==> flow/design.v <==
module my_mplex_top #(
  parameter BITS = 6,
  parameter N_IN = 8,
  parameter SW = $clog2(N_IN)
) (
  input clk_i,
  input clr,
  input adv,
  input [N_IN*BITS-1:0] in_src,
  input [SW-1:0] in_select,
  output reg [BITS-1:0] out_data_out
);
  reg [N_IN*BITS-1:0] r_src;
  always @(posedge clk_i or posedge clr) begin
    if (clr) begin
      r_src <= 0;
    end else if (adv) begin
      r_src <= in_src;
    end
  end
  reg [SW-1:0] r_select;
  always @(posedge clk_i or posedge clr) begin
    if (clr) begin
      r_select <= 0;
    end else if (adv) begin
      r_select <= in_select;
    end
  end
  localparam HALF = N_IN / 2;
  reg [BITS-1:0] r_lo;
  always @(posedge clk_i or posedge clr) begin
    if (clr) begin
      r_lo <= 0;
    end else if (adv) begin
      r_lo <= r_src[r_select[SW-2:0]*BITS +: BITS];
    end
  end
  reg [BITS-1:0] r_hi;
  always @(posedge clk_i or posedge clr) begin
    if (clr) begin
      r_hi <= 0;
    end else if (adv) begin
      r_hi <= r_src[(HALF + r_select[SW-2:0])*BITS +: BITS];
    end
  end
  reg r_select_d;
  always @(posedge clk_i or posedge clr) begin
    if (clr) begin
      r_select_d <= 1'b0;
    end else if (adv) begin
      r_select_d <= r_select[SW-1];
    end
  end
  always @(posedge clk_i or posedge clr) begin
    if (clr) begin
      out_data_out <= 0;
    end else if (adv) begin
      out_data_out <= r_select_d ? r_hi : r_lo;
    end
  end
endmodule
Wiki page: my_mplex_top / tool data

== From RTL to reports: my_mplex_top ==
Tool output for the members of one design family, told apart by "BITS", in the order of the flow.
The file above is the member BITS 6. Line numbers count from 1 in each member's own file.
The mark -- stands for no value.

* Design top: my_mplex_top
* Clock port: clk_i
* Standard-cell library: sky130hd
* Corner: tt_025C_1v80

== Source of the members ==
New or changed lines of each further member against the RTL above, in its own file; lines it lacks are not shown.

{| class="wikitable"
|+ Lines new or changed
! BITS !! RTL line !! RTL
|-
| 10 || 2 || <nowiki>parameter BITS = 10,</nowiki>
|-
| 12 || 2 || <nowiki>parameter BITS = 12,</nowiki>
|-
| 16 || 2 || <nowiki>parameter BITS = 16,</nowiki>
|-
| 48 || 2 || <nowiki>parameter BITS = 48,</nowiki>
|}

== Word-level counts ==
Yosys after proc, flatten, opt, wreduce and memory -nomap, before mapping. Enables and synchronous resets that opt folds into registers are not counted as muxes. Memory bits, and registers merged into a memory's read port (data or address), are not among the register bits. Print and check cells are not counted. Equal cells are merged and count once.

{| class="wikitable"
|+ Bit counts
! BITS !! register bits !! bits of input ports !! output and inout port bits
|-
| 6 || 70 || 54 || 6
|-
| 10 || 114 || 86 || 10
|-
| 12 || 136 || 102 || 12
|-
| 16 || 180 || 134 || 16
|-
| 48 || 532 || 390 || 48
|}

{| class="wikitable"
|+ Operators by class
! BITS !! add/subtract/negate cells !! multiply operators !! shift-type cells !! muxes and demuxes
|-
| 6 || 1 || 2 || 2 || 1
|-
| 10 || 1 || 2 || 2 || 1
|-
| 12 || 1 || 2 || 2 || 1
|-
| 16 || 1 || 0 || 2 || 1
|-
| 48 || 1 || 2 || 2 || 1
|}

{| class="wikitable"
|+ Operators by type and width
! BITS !! kinds with counts
|-
| 6 || indexed select 48 x 6 -> 6 bit (1); indexed select 48 x 8 -> 6 bit (1); multiplier 4 x 2 -> 6 bit (second input constant) (1); multiplier 2 x 2 -> 4 bit (second input constant) (1); 2-to-1 mux 6 bit (1); adder 3 x 2 -> 4 bit (first input constant) (1)
|-
| 10 || indexed select 80 x 7 -> 10 bit (1); indexed select 80 x 9 -> 10 bit (1); multiplier 4 x 3 -> 7 bit (second input constant) (1); multiplier 2 x 3 -> 5 bit (second input constant) (1); 2-to-1 mux 10 bit (1); adder 3 x 2 -> 4 bit (first input constant) (1)
|-
| 12 || indexed select 96 x 7 -> 12 bit (1); indexed select 96 x 9 -> 12 bit (1); multiplier 4 x 2 -> 6 bit (second input constant) (1); 2-to-1 mux 12 bit (1); multiplier 2 x 2 -> 4 bit (second input constant) (1); adder 3 x 2 -> 4 bit (first input constant) (1)
|-
| 16 || indexed select 128 x 7 -> 16 bit (1); indexed select 128 x 9 -> 16 bit (1); 2-to-1 mux 16 bit (1); adder 3 x 2 -> 4 bit (first input constant) (1)
|-
| 48 || indexed select 384 x 11 -> 48 bit (1); indexed select 384 x 9 -> 48 bit (1); 2-to-1 mux 48 bit (1); multiplier 4 x 2 -> 6 bit (second input constant) (1); multiplier 2 x 2 -> 4 bit (second input constant) (1); adder 3 x 2 -> 4 bit (first input constant) (1)
|}

== Depth ==
Depth = most cells in a row (Yosys ltp): at word level without a register or memory, in the mapped netlist without a sequential cell, where the memories' decode and read muxes count.

{| class="wikitable"
|+ Depth
! BITS !! depth in word-level cells !! ABC_AREA !! depth in mapped cells !! mapped depth without buffers
|-
| 6 || 3 || 0 || 5 || 2
|-
| 10 || 3 || 0 || 5 || 2
|-
| 12 || 3 || 0 || 5 || 2
|-
| 16 || 2 || 0 || 5 || 2
|-
| 48 || 3 || 0 || 6 || 2
|}

== Netlist ==
Yosys stat after the flow's synthesis: flattened, memories mapped to cells. It holds for the ABC_AREA given above (unset counts as 0); a run with the other value may have another netlist.

{| class="wikitable"
|+ Cell types
! BITS !! types with counts
|-
| 6 || sky130_fd_sc_hd__dfrtp_1 (70); sky130_fd_sc_hd__mux2_2 (40); sky130_fd_sc_hd__mux2i_1 (30); sky130_fd_sc_hd__mux2_4 (12); sky130_fd_sc_hd__o221ai_1 (12); sky130_fd_sc_hd__nand2b_1 (13); sky130_fd_sc_hd__buf_6 (6); sky130_fd_sc_hd__a21oi_1 (6); sky130_fd_sc_hd__buf_2 (6); sky130_fd_sc_hd__nor2_1 (6); sky130_fd_sc_hd__buf_4 (1); sky130_fd_sc_hd__nand2_2 (1); sky130_fd_sc_hd__clkbuf_2 (1); sky130_fd_sc_hd__clkbuf_1 (1); sky130_fd_sc_hd__inv_1 (1)
|-
| 10 || sky130_fd_sc_hd__dfrtp_1 (114); sky130_fd_sc_hd__mux2_2 (54); sky130_fd_sc_hd__mux2i_1 (50); sky130_fd_sc_hd__mux2_4 (30); sky130_fd_sc_hd__o221ai_1 (20); sky130_fd_sc_hd__nand2b_1 (21); sky130_fd_sc_hd__buf_2 (12); sky130_fd_sc_hd__buf_6 (5); sky130_fd_sc_hd__a21oi_1 (10); sky130_fd_sc_hd__nor2_1 (10); sky130_fd_sc_hd__buf_4 (4); sky130_fd_sc_hd__clkbuf_1 (3); sky130_fd_sc_hd__inv_1 (1); sky130_fd_sc_hd__nand2_1 (1)
|-
| 12 || sky130_fd_sc_hd__dfrtp_1 (136); sky130_fd_sc_hd__mux2_2 (100); sky130_fd_sc_hd__mux2i_1 (60); sky130_fd_sc_hd__o221ai_1 (24); sky130_fd_sc_hd__nand2b_1 (25); sky130_fd_sc_hd__buf_6 (11); sky130_fd_sc_hd__a21oi_1 (12); sky130_fd_sc_hd__nor2_1 (12); sky130_fd_sc_hd__buf_2 (6); sky130_fd_sc_hd__buf_4 (4); sky130_fd_sc_hd__clkbuf_4 (3); sky130_fd_sc_hd__buf_8 (1); sky130_fd_sc_hd__clkbuf_1 (4); sky130_fd_sc_hd__inv_1 (1); sky130_fd_sc_hd__nand2_1 (1)
|-
| 16 || sky130_fd_sc_hd__dfrtp_1 (180); sky130_fd_sc_hd__mux2_4 (100); sky130_fd_sc_hd__mux2i_1 (80); sky130_fd_sc_hd__mux2_1 (32); sky130_fd_sc_hd__o221ai_1 (32); sky130_fd_sc_hd__buf_6 (19); sky130_fd_sc_hd__nand2b_1 (33); sky130_fd_sc_hd__a21oi_1 (16); sky130_fd_sc_hd__buf_2 (13); sky130_fd_sc_hd__nor2_1 (16); sky130_fd_sc_hd__buf_4 (3); sky130_fd_sc_hd__clkbuf_1 (2); sky130_fd_sc_hd__inv_1 (1); sky130_fd_sc_hd__nand2_1 (1)
|-
| 48 || sky130_fd_sc_hd__dfrtp_1 (532); sky130_fd_sc_hd__mux2_2 (288); sky130_fd_sc_hd__mux2i_1 (240); sky130_fd_sc_hd__mux2_4 (100); sky130_fd_sc_hd__o221ai_1 (96); sky130_fd_sc_hd__nand2b_1 (97); sky130_fd_sc_hd__buf_4 (41); sky130_fd_sc_hd__a21oi_1 (48); sky130_fd_sc_hd__buf_2 (40); sky130_fd_sc_hd__nor2_1 (48); sky130_fd_sc_hd__buf_6 (14); sky130_fd_sc_hd__clkbuf_1 (19); sky130_fd_sc_hd__inv_1 (1); sky130_fd_sc_hd__nand2_1 (1)
|}

{| class="wikitable"
|+ Mapped netlist
! BITS !! standard cells after synthesis !! chip area (Yosys) (um^2) !! sequential area (um^2) !! flip-flop cells !! buffers
|-
| 6 || 206 || 3045.4 || 1751.7 || 70 || 15
|-
| 10 || 335 || 4971.0 || 2852.7 || 114 || 24
|-
| 12 || 400 || 5845.6 || 3403.3 || 136 || 29
|-
| 16 || 528 || 8110.3 || 4504.3 || 180 || 37
|-
| 48 || 1565 || 23072.1 || 13312.8 || 532 || 114
|}

== Worst setup path after synthesis ==
Source: OpenSTA report_checks on the synthesized netlist (no wires, ideal clock, input and output delay 20% of the period each), path of least setup slack; recovery checks are left aside. Register names are those of the netlist, which keeps one name where synthesis merged equal registers.

{| class="wikitable"
|+ Path post-synthesis
! BITS !! path type !! from !! to !! period (ns) !! slack (ns) !! stages on the path !! delay of the path (ns) !! period reached after synthesis (ns)
|-
| 6 || register to register || register r_select[0] || register r_hi[2] || 1.32 || 0.266 || 5 || 1.054 || 1.054
|-
| 10 || register to register || register r_select[0] || register r_hi[0] || 1.33 || 0.265 || 5 || 1.065 || 1.065
|-
| 12 || register to register || register r_select[0] || register r_hi[11] || 1.43 || 0.285 || 6 || 1.144 || 1.145
|-
| 16 || input to register || input adv || register r_select[0] || 1.38 || 0.259 || 4 || 0.845 || 1.121
|-
| 48 || input to register || input adv || register r_src[113] || 1.56 || 0.250 || 5 || 0.998 || 1.31
|}

"delay of the path" is the arrival time less input delay plus setup time.
"stages on the path": output pins that drive a net of the path, with the launching flip-flop's if there is one; two outputs of one cell count as two.
"period reached after synthesis" = period - worst setup slack (recovery checks aside). The figure is calculated, with input and output delays left at 20% of the set period.
The rows between start and end are the longest chain of elaborated cells between them; the timing report does not say that the signal goes this way. Where chains are equally long, one stands for them.
Each line given opens the expression or statement behind the cell; cells for indexed reads and writes are added by Yosys, which also makes memories of some case tables.

Between the ends, post-synthesis, BITS 6:
* Cells in the longest elaborated chain: 3

{| class="wikitable"
|+ RTL lines, path post-synthesis, BITS 6
! what !! RTL line !! RTL
|-
| start: declaration || 21 || <nowiki>reg [SW-1:0] r_select;</nowiki>
|-
| start: assignment || 24 || <nowiki>r_select <= 0;</nowiki>
|-
| start: assignment || 26 || <nowiki>r_select <= in_select;</nowiki>
|-
| adder 3 x 2 -> 4 bit || 43 || <nowiki>r_hi <= r_src[(HALF + r_select[SW-2:0])*BITS +: BITS];</nowiki>
|-
| multiplier 4 x 2 -> 6 bit || 43 ||
|-
| indexed select 48 x 8 -> 6 bit || 43 ||
|-
| end: assignment || 41 || <nowiki>r_hi <= 0;</nowiki>
|-
| end: assignment || 43 ||
|-
| end: declaration || 38 || <nowiki>reg [BITS-1:0] r_hi;</nowiki>
|}

Between the ends, post-synthesis, BITS 48:
* Cells in the longest elaborated chain: 0

{| class="wikitable"
|+ RTL lines, path post-synthesis, BITS 48
! what !! RTL line !! RTL
|-
| start: declaration || 8 || <nowiki>input adv,</nowiki>
|-
| end: assignment || 16 || <nowiki>r_src <= 0;</nowiki>
|-
| end: assignment || 18 || <nowiki>r_src <= in_src;</nowiki>
|-
| end: declaration || 13 || <nowiki>reg [N_IN*BITS-1:0] r_src;</nowiki>
|}

== Path in the finished layout ==
From the final timing report of each member's run: the path of least setup slack in the routed layout; clock arrival at registers is part of the times.

{| class="wikitable"
|+ Path after layout
! BITS !! path type !! from !! to !! period (ns) !! slack (ns) !! stages on the path !! arrival (ns) !! path buffers
|-
| 6 || register to output || register out_data_out[1] || output out_data_out[1] || 1.32 || 0.05 || 2 || 1.00 || 1
|-
| 10 || register to output || register out_data_out[1] || output out_data_out[1] || 1.33 || 0.04 || 2 || 1.02 || 1
|-
| 12 || register to output || register out_data_out[9] || output out_data_out[9] || 1.43 || 0.04 || 2 || 1.10 || 1
|-
| 16 || register to output || register out_data_out[15] || output out_data_out[15] || 1.38 || 0.03 || 2 || 1.08 || 1
|-
| 48 || register to output || register out_data_out[3] || output out_data_out[3] || 1.56 || 0.05 || 2 || 1.20 || 1
|}

== Flow runs ==
Settings and results of one run of the flow (Yosys, OpenROAD) for each member follow. The constraints put input and output delay at 20% of the set period each and load the outputs with 0.01 pF.

* CAP_MARGIN: 20
* CORE_MARGIN: 2
* CORE_UTILIZATION: 40
* SLEW_MARGIN: 20

{| class="wikitable"
|+ Settings that differ
! BITS !! period_ns
|-
| 6 || 1.32
|-
| 10 || 1.33
|-
| 12 || 1.43
|-
| 16 || 1.38
|-
| 48 || 1.56
|}

{| class="wikitable"
|+ Measured results
! BITS !! chip area after synthesis (Yosys) (um^2) !! die area (um^2) !! utilization after layout (%) !! setup slack of the worst path (ns) !! sum of negative setup slack (ns)
|-
| 6 || 3045.4 || 8327.5 || 53.7 || 0.052 || 0.000
|-
| 10 || 4971.0 || 13335.6 || 55.8 || 0.040 || 0.000
|-
| 12 || 5845.6 || 15597.5 || 53.6 || 0.043 || 0.000
|-
| 16 || 8110.3 || 21430.0 || 52.7 || 0.028 || 0.000
|-
| 48 || 23072.1 || 59616.5 || 53.7 || 0.048 || 0.000
|}
